==> flow/design.v <==
module sync_as_core_n #(
  parameter int WIDTH = 36
) (
  input  logic aclk,
  input  logic adv,
  input  logic [WIDTH-1:0] in0,
  input  logic [WIDTH-1:0] in1,
  output logic [WIDTH:0] res,
  output logic [WIDTH:0] result
);
  logic [WIDTH-1:0] in0_ff;
  logic [WIDTH-1:0] in1_ff;
  always_ff @(posedge aclk) begin
    if (adv) begin
      in0_ff <= in0;
      in1_ff <= in1;
      res <= in0_ff + in1_ff;
      result <= in0_ff - in1_ff;
    end
  end
endmodule
# Tool chain data of sync_as_core_n
# Tool output for the design above, in the order of the flow.
# Lines are those of the file above, counted from 1.
# Operators carry their Yosys type and port widths (W data, S select, Z words).
# Library cell names are shortened.
# Not given: --
[setup]
top = "sync_as_core_n"
clock_port = "aclk"
lib = "sky130hd"
corner = "tt_025C_1v80"

# Word-level counts
# Source: Yosys, flattened and elaborated, memories not mapped. Widths are those after wreduce; folded enables and synchronous resets count as part of the registers. Registers that Yosys merges into a memory's read port (data or address) are not register bits. Print and check cells do not count. Equal cells are merged and count once.
[bits]
out_inout_bits = 74
wordCells = 6
in_bits = 74
latchBits = 0
ram_bits = 0
clocked_rd_ports_x_width = 0
memories = 0
regBits = 146
mem_bits_ro = 0
[op_classes]
div_mod_pow = 0
shifts = 0
equal = 0
reduce_and_logical = 0
n_addsub = 2
logic = 0
mul = 0
mux = 0
n_cmp = 0
[ops]
columns = ["cell", "n"]
rows = [
  ["$add A36 B36 Y37", 1],
  ["$sub A36 B36 Y37", 1],
]

# Longest topological paths
# Depth = most cells in a row (Yosys ltp): at word level without a register or memory, in the mapped netlist without a sequential cell, where the memories' decode and read muxes count.
[logic_depth]
depth_word = 1
ABC_AREA = 0
ltp_mapped = 13
depth_no_buf = 12

# Netlist
# Yosys stat after the flow's synthesis: flattened, memories mapped to cells. It holds for the ABC_AREA given above (unset counts as 0); a run with the other value may have another netlist.
[synth_totals]
n_buf = 30
cell_count = 734
flip_flops = 145
area_um2 = 8318.0
seqArea_um2 = 4354.2
[by_type]
columns = ["cell_type", "n", "area_total_um2"]
rows = [
  ["edfxtp_1", 145, 4.35E+03],
  ["ha_1", 72, 900.864],
  ["xnor2_1", 51, 446.678],
  ["a21oi_1", 74, 370.355],
  ["inv_1", 71, 266.506],
  ["o21ai_0", 45, 225.216],
  ["nor2_1", 51, 191.434],
  ["o21bai_1", 18, 135.13],
  ["xor2_1", 14, 122.618],
  ["nand2_1", 28, 105.101],
  ["buf_6", 7, 78.826],
  ["a21o_1", 10, 75.072],
  ["nand3_1", 15, 75.072],
  ["nor2b_1", 12, 75.072],
  ["clkbuf_1", 16, 60.058],
  ["o211ai_1", 7, 52.55],
  ["nor3_1", 9, 45.043],
  ["clkbuf_8", 3, 41.29],
]
# Not listed: further types 44, cells in them 86.

# Timing after synthesis
# OpenSTA on the mapped netlist: ideal clock, no wires. The path of least setup slack (recovery checks aside). Input and output delay are each 20% of the period. Register names are those of the netlist, which keeps one name where synthesis merged equal registers.
[synth_timing]
path_type = "reg2reg"
start = "reg in0_ff[18]"
end = "reg res[32]"
path_stages = 13
period_ps = 3650
t_arrival_ps = 2656
setup_ps = 262
path_buffers = 2
launch_ps = 0
delay_ps = 2918
setup_slack_ps = 732
required_ps = 3388
synth_period_reached_ps = 2918
# "delay_ps" is the arrival time less input delay plus setup time.
# "path_stages" counts driving pins, that of a launching flip-flop among them; a cell with two outputs on the path counts twice.
# "synth_period_reached_ps" = period - worst setup slack (recovery checks aside). The figure is calculated, with input and output delays left at 20% of the set period.
# Between the ends stands the longest chain of elaborated cells between them, by number of cells; it is not shown to be the way that was timed. Of several equally long chains one is given.
# A line is the first line of the expression or statement that the cell stems from. Yosys adds cells for indexed reads and writes and turns some case tables into memories.
[synth_between]
path_cell_list = "edfxtp_1 ha_1 buf_6 or2_1 clkbuf_2 or4_1 a21oi_1 o21ai_1 a311oi_2 o311ai_2 a21oi_2 o21bai_1 xor2_1"
elab_chain_cells = 1
cells_between = 1
lines_between = 1
classes_between = "1 x add/sub"
[synth_lines]
columns = ["item", "line", "text"]
rows = [
  ["start, declared", 11, "logic [WIDTH-1:0] in0_ff;"],
  ["start, assigned", 15, "in0_ff <= in0;"],
  ["$add A36 B36 Y37", 17, "res <= in0_ff + in1_ff;"],
  ["end, assigned", 17, ""],
  ["end, declared", 8, "output logic [WIDTH:0] res,"],
]

# Worst path after layout
# From the final timing report of run 1: the path of least setup slack in the routed layout; clock arrival at registers is part of the times.
# The report prints the path's times to 10 ps; the period is as set.
[layout_timing]
path_type = "reg2reg"
start = "reg in0_ff[0]"
end = "reg res[32]"
path_buffers = 0
t_arrival_ps = 3510
setup_ps = 260
launch_ps = 420
period_ps = 3650
required_ps = 3810
path_stages = 12
setup_slack_ps = 300
# Between the ends stands the longest chain of elaborated cells between them, by number of cells; it is not shown to be the way that was timed. Of several equally long chains one is given.
[layout_between]
path_cell_list = "edfxtp_1 ha_1 fa_1 nor2b_1 o21ai_0 a31oi_1 o21ai_1 a311oi_2 o311ai_2 a21oi_2 o21bai_1 xor2_1"
elab_chain_cells = 1
cells_between = 1
lines_between = 1
classes_between = "1 x add/sub"
[layout_lines]
columns = ["item", "line", "text"]
rows = [
  ["start, declared", 11, "logic [WIDTH-1:0] in0_ff;"],
  ["start, assigned", 15, "in0_ff <= in0;"],
  ["$add A36 B36 Y37", 17, "res <= in0_ff + in1_ff;"],
  ["end, assigned", 17, ""],
  ["end, declared", 8, "output logic [WIDTH:0] res,"],
]

# sync_as_core_n through Yosys and OpenROAD on sky130hd: 3 stored runs, unordered, with their settings and measured results. The constraints put input and output delay at 20% of the set period each and load the outputs with 0.01 pF.
# By "timing.achieved_period_ps" is meant the clock period of the run minus its worst setup slack. This is arithmetic on one report: input and output delays are still those of the set period (20% each).
# "worst_setup_path_time_ps" is the time allowed to the run's worst setup path (the clock period less input and output delay, where it has them) less its slack. Clock arrival times count: a late capture clock shortens it, a late launch clock lengthens it.
# "totalPower_uw" is the tool's figure for a default switching activity; nothing was simulated.
# "worst_setup_path_time_ps" is given in steps of 10 ps.

[[run]]
name = "run 1"
[run.settings]
period_ns = 3.65
CAP_MARGIN = 20
CORE_MARGIN = 2
CORE_UTILIZATION = 40
SLEW_MARGIN = 20
[run.results]
ys_area_um2 = 8318.0
total_die_area_um2 = 21964.7
setup_tns_ps = 0
holdWs_ps = 672
cell_area_final_um2 = 10621.4
worst_setup_path_time_ps = 3350
critical_path_kind = "reg2reg"
util_pct = 52.3
timing.achieved_period_ps = 3349
totalPower_uw = 5638
worstSetupSlack_ps = 301

[[run]]
name = "run 2"
[run.settings]
period_ns = 1.95
CORE_UTILIZATION = 20
PLACE_DENSITY_LB_ADDON = 0.03
CORE_ASPECT_RATIO = 1.41
CORE_MARGIN = 4
TNS_END_PERCENT = 5
CTS_CLUSTER_DIAMETER = 261
CAP_MARGIN = 20
SLEW_MARGIN = 20
[run.results]
ys_area_um2 = 8318.0
total_die_area_um2 = 44965.0
setup_tns_ps = -39635
holdWs_ps = 331
cell_area_final_um2 = 13340.3
worst_setup_path_time_ps = 3220
critical_path_kind = "reg2reg"
util_pct = 32.5
timing.achieved_period_ps = 3219
totalPower_uw = 12017
worstSetupSlack_ps = -1269

[[run]]
name = "run 3"
[run.settings]
period_ns = 1.91
CORE_UTILIZATION = 57
SETUP_SLACK_MARGIN = 0.31
PLACE_DENSITY_LB_ADDON = 0.2
HOLD_SLACK_MARGIN = 0.14
ABC_AREA = 0
GPL_TIMING_DRIVEN = 0
CTS_CLUSTER_SIZE = 22
CAP_MARGIN = 15
CORE_MARGIN = 2
SLEW_MARGIN = 20
[run.results]
ys_area_um2 = 8318.0
total_die_area_um2 = 15575.0
setup_tns_ps = -59308
holdWs_ps = 452
cell_area_final_um2 = 12923.6
worst_setup_path_time_ps = 3370
critical_path_kind = "reg2reg"
util_pct = 89.9
timing.achieved_period_ps = 3370
totalPower_uw = 12891
worstSetupSlack_ps = -1460
